==> flow/design.v <==
module ex_shift #(
  parameter integer DWIDTH = 96,
  parameter integer SEL_W = $clog2(DWIDTH)
) (
  input clk_i,
  input rst_n,
  input [DWIDTH-1:0] bus_i,
  input [SEL_W-1:0] count_i,
  output [DWIDTH-1:0] data_out_o
);
  reg [DWIDTH-1:0] r_bus;
  reg [SEL_W-1:0] r_count;
  always @(posedge clk_i) begin
    if (!rst_n) begin
      r_bus <= 0;
      r_count <= 0;
    end else begin
      r_bus <= bus_i;
      r_count <= count_i;
    end
  end
  reg [DWIDTH-1:0] r;
  integer idx;
  always @(*) begin
    r = r_bus;
    for (idx = 0; idx < SEL_W; idx = idx + 1)
      if (r_count[idx]) r = r >> (1 << idx);
  end
  reg [DWIDTH-1:0] r_data_out;
  always @(posedge clk_i) begin
    if (!rst_n) begin
      r_data_out <= 0;
    end else begin
      r_data_out <= r;
    end
  end
  assign data_out_o = r_data_out;
endmodule
---- Tool chain data of ex_shift ----
What the tools print for ex_shift, step after step.
Line numbers count from 1 in the design file above.
Cell names lack the library's common part.
Not given: -
inputs
  top module .............................. ex_shift
  clock ................................... clk_i
  standard-cell library ................... sky130hd
  corner .................................. tt_025C_1v80

---- Word-level counts ----
Source: Yosys, flattened and elaborated, memories not mapped. Widths are those after wreduce. Registers that Yosys merges into a memory's read port (data or address) are not register bits. Print and check cells do not count. Equal cells are merged and count once.
cells by class
  mux-type cells .......................... 7
  bitwise gates (word level) .............. 1
  reductions and logical operators ........ 1
operators by type and width
  operator            count
  96-bit 2-to-1 mux   6
  32-bit 2-to-1 mux   1
  2-bit OR reduction  1
  1-bit NOT           1
bit counts
  flip-flop bits (word level) ............. 199
  input bits .............................. 105
  output and inout bits ................... 96
  elaborated cells ........................ 13

---- Logic depth ----
Yosys ltp: most cells in a row. Word level: on the elaborated netlist, between registers, memories and ports. Mapped: between sequential cells and ports; inverters and the memories' decode and read muxes count.
logic depth
  word-level depth ........................ 7
  ABC_AREA ................................ 0
  gate-level depth with buffers ........... 10
  depth with buffers taken out ............ 5

---- Mapped cells and area ----
Source: synth_stat.txt of the flow (Yosys; design flattened, memories mapped). It holds for the ABC_AREA given above (unset counts as 0); a run with the other value may have another netlist.
synthesis totals
  standard cells after synthesis .......... 1,110
  chip area (Yosys) ....................... 12,751.0 um^2
  sequential area ......................... 3,983.8 um^2
  mapped flip-flops ....................... 199
  buffer cells ............................ 108
cells by type
  cell type  count  total area (um^2)
  dfxtp_1    199    3.98E+03
  mux4_2     157    3.54E+03
  mux2i_1    113    1.13E+03
  and2_1     109    681.904
  mux2_2     39     439.171
  nor2_1     70     262.752
  nand2_1    65     243.984
  o22ai_1    33     206.448
  clkbuf_1   41     153.898
  buf_2      28     140.134
  mux4_1     5      131.376
  buf_6      11     123.869
  a21oi_1    22     110.106
  o221ai_1   12     105.101
  a211oi_1   13     97.594
  buf_4      10     75.072
  o211ai_1   9      67.565
  nor3_1     11     55.053
Other cell types: 51; their cells: 163.

---- Timing after synthesis ----
Path of least setup slack by OpenSTA after synthesis, without wires, with an ideal clock, recovery checks aside; 20% of the period is set as input and as output delay. Where synthesis merged equal registers, the netlist keeps one of their names.
timing post-synthesis
  path type ............................... register -> register
  start ................................... reg r_count[0]
  end ..................................... reg r_data_out[0]
  clock period ............................ 2.95 ns
  library setup time ...................... 0.120 ns
  launch time at the first pin ............ 0.000 ns
  arrival ................................. 2.240 ns
  data required time ...................... 2.830 ns
  setup slack ............................. 0.590 ns
  path delay .............................. 2.360 ns
  stages .................................. 8
  path buffers ............................ 2
  period reached after synthesis .......... 2.36 ns
"path delay" is the arrival time less input delay plus setup time.
"stages": output pins that drive a net of the path, with the launching flip-flop's if there is one; two outputs of one cell count as two.
"period reached after synthesis" = period - worst setup slack (recovery checks aside). The figure is calculated, with input and output delays left at 20% of the set period.
Between the ends stands the longest chain of elaborated cells between them, by number of cells; it is not shown to be the way that was timed. Of several equally long chains one is given.
A line is the first line of the expression or statement that the cell stems from. Yosys adds cells for indexed reads and writes and turns some case tables into memories.
between the ends, post-synthesis
  cells stage by stage .................... dfxtp_1 -> buf_6 -> buf_4 -> mux4_2 -> mux4_2 -> mux2i_4 -> nor2_1 -> o31a_1
  cells in the longest elaborated chain ... 7
  elaborated cells between the ends (all ways) .. 7
  source lines of those cells ............. 1
  classes of those cells .................. mux (7)
RTL lines, path post-synthesis
  element                         line  text
  start, declared                 12    reg [SEL_W-1:0] r_count;
  start, assigned                 16    r_count <= 0;
  start, assigned                 19    r_count <= count_i;
  96-bit 2-to-1 mux (6 in a row)  27    if (r_count[idx]) r = r >> (1 << idx);
  32-bit 2-to-1 mux               27
  end, assigned                   32    r_data_out <= 0;
  end, assigned                   34    r_data_out <= r;
  end, declared                   29    reg [DWIDTH-1:0] r_data_out;

---- Timing after layout ----
Path of least setup slack in the final report of flow run A (OpenROAD, finished layout, wires in). Where an end is a register, its clock arrival counts in the times.
timing post-layout
  path type ............................... register -> register
  start ................................... reg r_count[0]
  end ..................................... reg r_data_out[27]
  clock period ............................ 2.95 ns
  library setup time ...................... 0.11 ns
  launch time at the first pin ............ 0.45 ns
  arrival ................................. 3.19 ns
  data required time ...................... 3.28 ns
  setup slack ............................. 0.09 ns
  stages .................................. 8
  path buffers ............................ 2
Between the ends stands the longest chain of elaborated cells between them, by number of cells; it is not shown to be the way that was timed. Of several equally long chains one is given.
between the ends, post-layout
  cells stage by stage .................... dfxtp_4 -> buf_12 -> buf_4 -> mux4_1 -> mux2_2 -> mux2i_2 -> o22ai_1 -> or3_1
  cells in the longest elaborated chain ... 7
  elaborated cells between the ends (all ways) .. 7
  source lines of those cells ............. 1
  classes of those cells .................. mux (7)
RTL lines, path post-layout
  element                         line  text
  start, declared                 12    reg [SEL_W-1:0] r_count;
  start, assigned                 16    r_count <= 0;
  start, assigned                 19    r_count <= count_i;
  96-bit 2-to-1 mux (6 in a row)  27    if (r_count[idx]) r = r >> (1 << idx);
  32-bit 2-to-1 mux               27
  end, assigned                   32    r_data_out <= 0;
  end, assigned                   34    r_data_out <= r;
  end, declared                   29    reg [DWIDTH-1:0] r_data_out;

Module ex_shift, platform sky130hd: 3 stored runs of the flow (Yosys, OpenROAD) with differing settings, in no particular order. Input and output delays are each 20% of the period that was set; the output load is 0.01 pF.
"clock period achieved" = clock period - worst setup slack. The figure is calculated, with input and output delays left at 20% of the set period.
"allowed time less slack (worst setup path)" is the time allowed to the run's worst setup path (the clock period less input and output delay, where it has them) less its slack. Clock arrival times count: a late capture clock shortens it, a late launch clock lengthens it.
"total power after layout": no workload was simulated; the value follows from the tool's default switching activity.

======== flow run A ========
==> flow/run.sh <==
#!/bin/bash
# the make line also repeats the synthesis and layout settings of config.mk as NAME=value (left out here)
make -C /OpenROAD-flow-scripts/flow DESIGN_CONFIG=/design/flow/config.mk WORK_HOME=/design/flow/orfs CLKGATE_MAP_FILE= finish
==> flow/config.mk <==
export PLATFORM = sky130hd
export DESIGN_NAME = ex_shift
export DESIGN_NICKNAME = ex_shift
export VERILOG_FILES = /design/flow/design.v
export SDC_FILE = /design/flow/constraint.sdc
export NUM_CORES = 4
export LEC_CHECK = 0
export CAP_MARGIN = 20
export CORE_MARGIN = 2
export CORE_UTILIZATION = 40
export SLEW_MARGIN = 20
==> flow/constraint.sdc <==
create_clock -name core_clock -period 2.95 [get_ports {clk_i}]
set_input_delay 0.5900 -clock core_clock [delete_from_list [all_inputs] [get_ports {clk_i}]]
set_output_delay 0.5900 -clock core_clock [all_outputs]
set_load 0.01 [all_outputs]

-------- measured, flow run A --------
  total power after layout ................ 0.007698 W
  allowed time less slack (worst setup path) .. 2.86 ns
  worst setup path kind ................... register -> register
  worst setup slack after layout .......... 0.087 ns
  netlist area reported by Yosys .......... 12,751.0 um^2
  die footprint ........................... 33,320.9 um^2
  standard-cell area of the final layout .. 16,196.8 um^2
  setup total negative slack .............. 0.000 ns
  clock period achieved ................... 2.863 ns

======== flow run B ========
==> flow/run.sh <==
#!/bin/bash
# the make line also repeats the synthesis and layout settings of config.mk as NAME=value (left out here)
make -C /OpenROAD-flow-scripts/flow DESIGN_CONFIG=/design/flow/config.mk WORK_HOME=/design/flow/orfs CLKGATE_MAP_FILE= finish
==> flow/config.mk <==
export PLATFORM = sky130hd
export DESIGN_NAME = ex_shift
export DESIGN_NICKNAME = ex_shift
export VERILOG_FILES = /design/flow/design.v
export SDC_FILE = /design/flow/constraint.sdc
export NUM_CORES = 4
export LEC_CHECK = 0
export ABC_AREA = 1
export CAP_MARGIN = 25
export CORE_ASPECT_RATIO = 1.14
export CORE_MARGIN = 2
export CORE_UTILIZATION = 35
export GPL_ROUTABILITY_DRIVEN = 0
export MAX_ROUTING_LAYER = met5
export MIN_ROUTING_LAYER = met1
export PLACE_DENSITY_LB_ADDON = 0.28
export SETUP_SLACK_MARGIN = 0.69
export SLEW_MARGIN = 10
==> flow/constraint.sdc <==
create_clock -name core_clock -period 4.57 [get_ports {clk_i}]
set_input_delay 0.9140 -clock core_clock [delete_from_list [all_inputs] [get_ports {clk_i}]]
set_output_delay 0.9140 -clock core_clock [all_outputs]
set_load 0.01 [all_outputs]

-------- measured, flow run B --------
  total power after layout ................ 0.004794 W
  allowed time less slack (worst setup path) .. 2.93 ns
  worst setup path kind ................... register -> register
  worst setup slack after layout .......... 1.636 ns
  netlist area reported by Yosys .......... 11,678.7 um^2
  die footprint ........................... 34,848.0 um^2
  standard-cell area of the final layout .. 14,340.0 um^2
  setup total negative slack .............. 0.000 ns
  clock period achieved ................... 2.934 ns

======== flow run C ========
==> flow/run.sh <==
#!/bin/bash
# the make line also repeats the synthesis and layout settings of config.mk as NAME=value (left out here)
make -C /OpenROAD-flow-scripts/flow DESIGN_CONFIG=/design/flow/config.mk WORK_HOME=/design/flow/orfs CLKGATE_MAP_FILE= finish
==> flow/config.mk <==
export PLATFORM = sky130hd
export DESIGN_NAME = ex_shift
export DESIGN_NICKNAME = ex_shift
export VERILOG_FILES = /design/flow/design.v
export SDC_FILE = /design/flow/constraint.sdc
export NUM_CORES = 4
export LEC_CHECK = 0
export CAP_MARGIN = 5
export CELL_PAD_IN_SITES_DETAIL_PLACEMENT = 2
export CORE_MARGIN = 2
export CORE_UTILIZATION = 60
export MAX_ROUTING_LAYER = met5
export PLACE_DENSITY = 0.91
export SETUP_SLACK_MARGIN = -0.26
export SLEW_MARGIN = 20
export TNS_END_PERCENT = 70
==> flow/constraint.sdc <==
create_clock -name core_clock -period 2.65 [get_ports {clk_i}]
set_input_delay 0.5300 -clock core_clock [delete_from_list [all_inputs] [get_ports {clk_i}]]
set_output_delay 0.5300 -clock core_clock [all_outputs]
set_load 0.01 [all_outputs]

-------- flow run C --------
  did not finish, placement stopped with DPL-0033
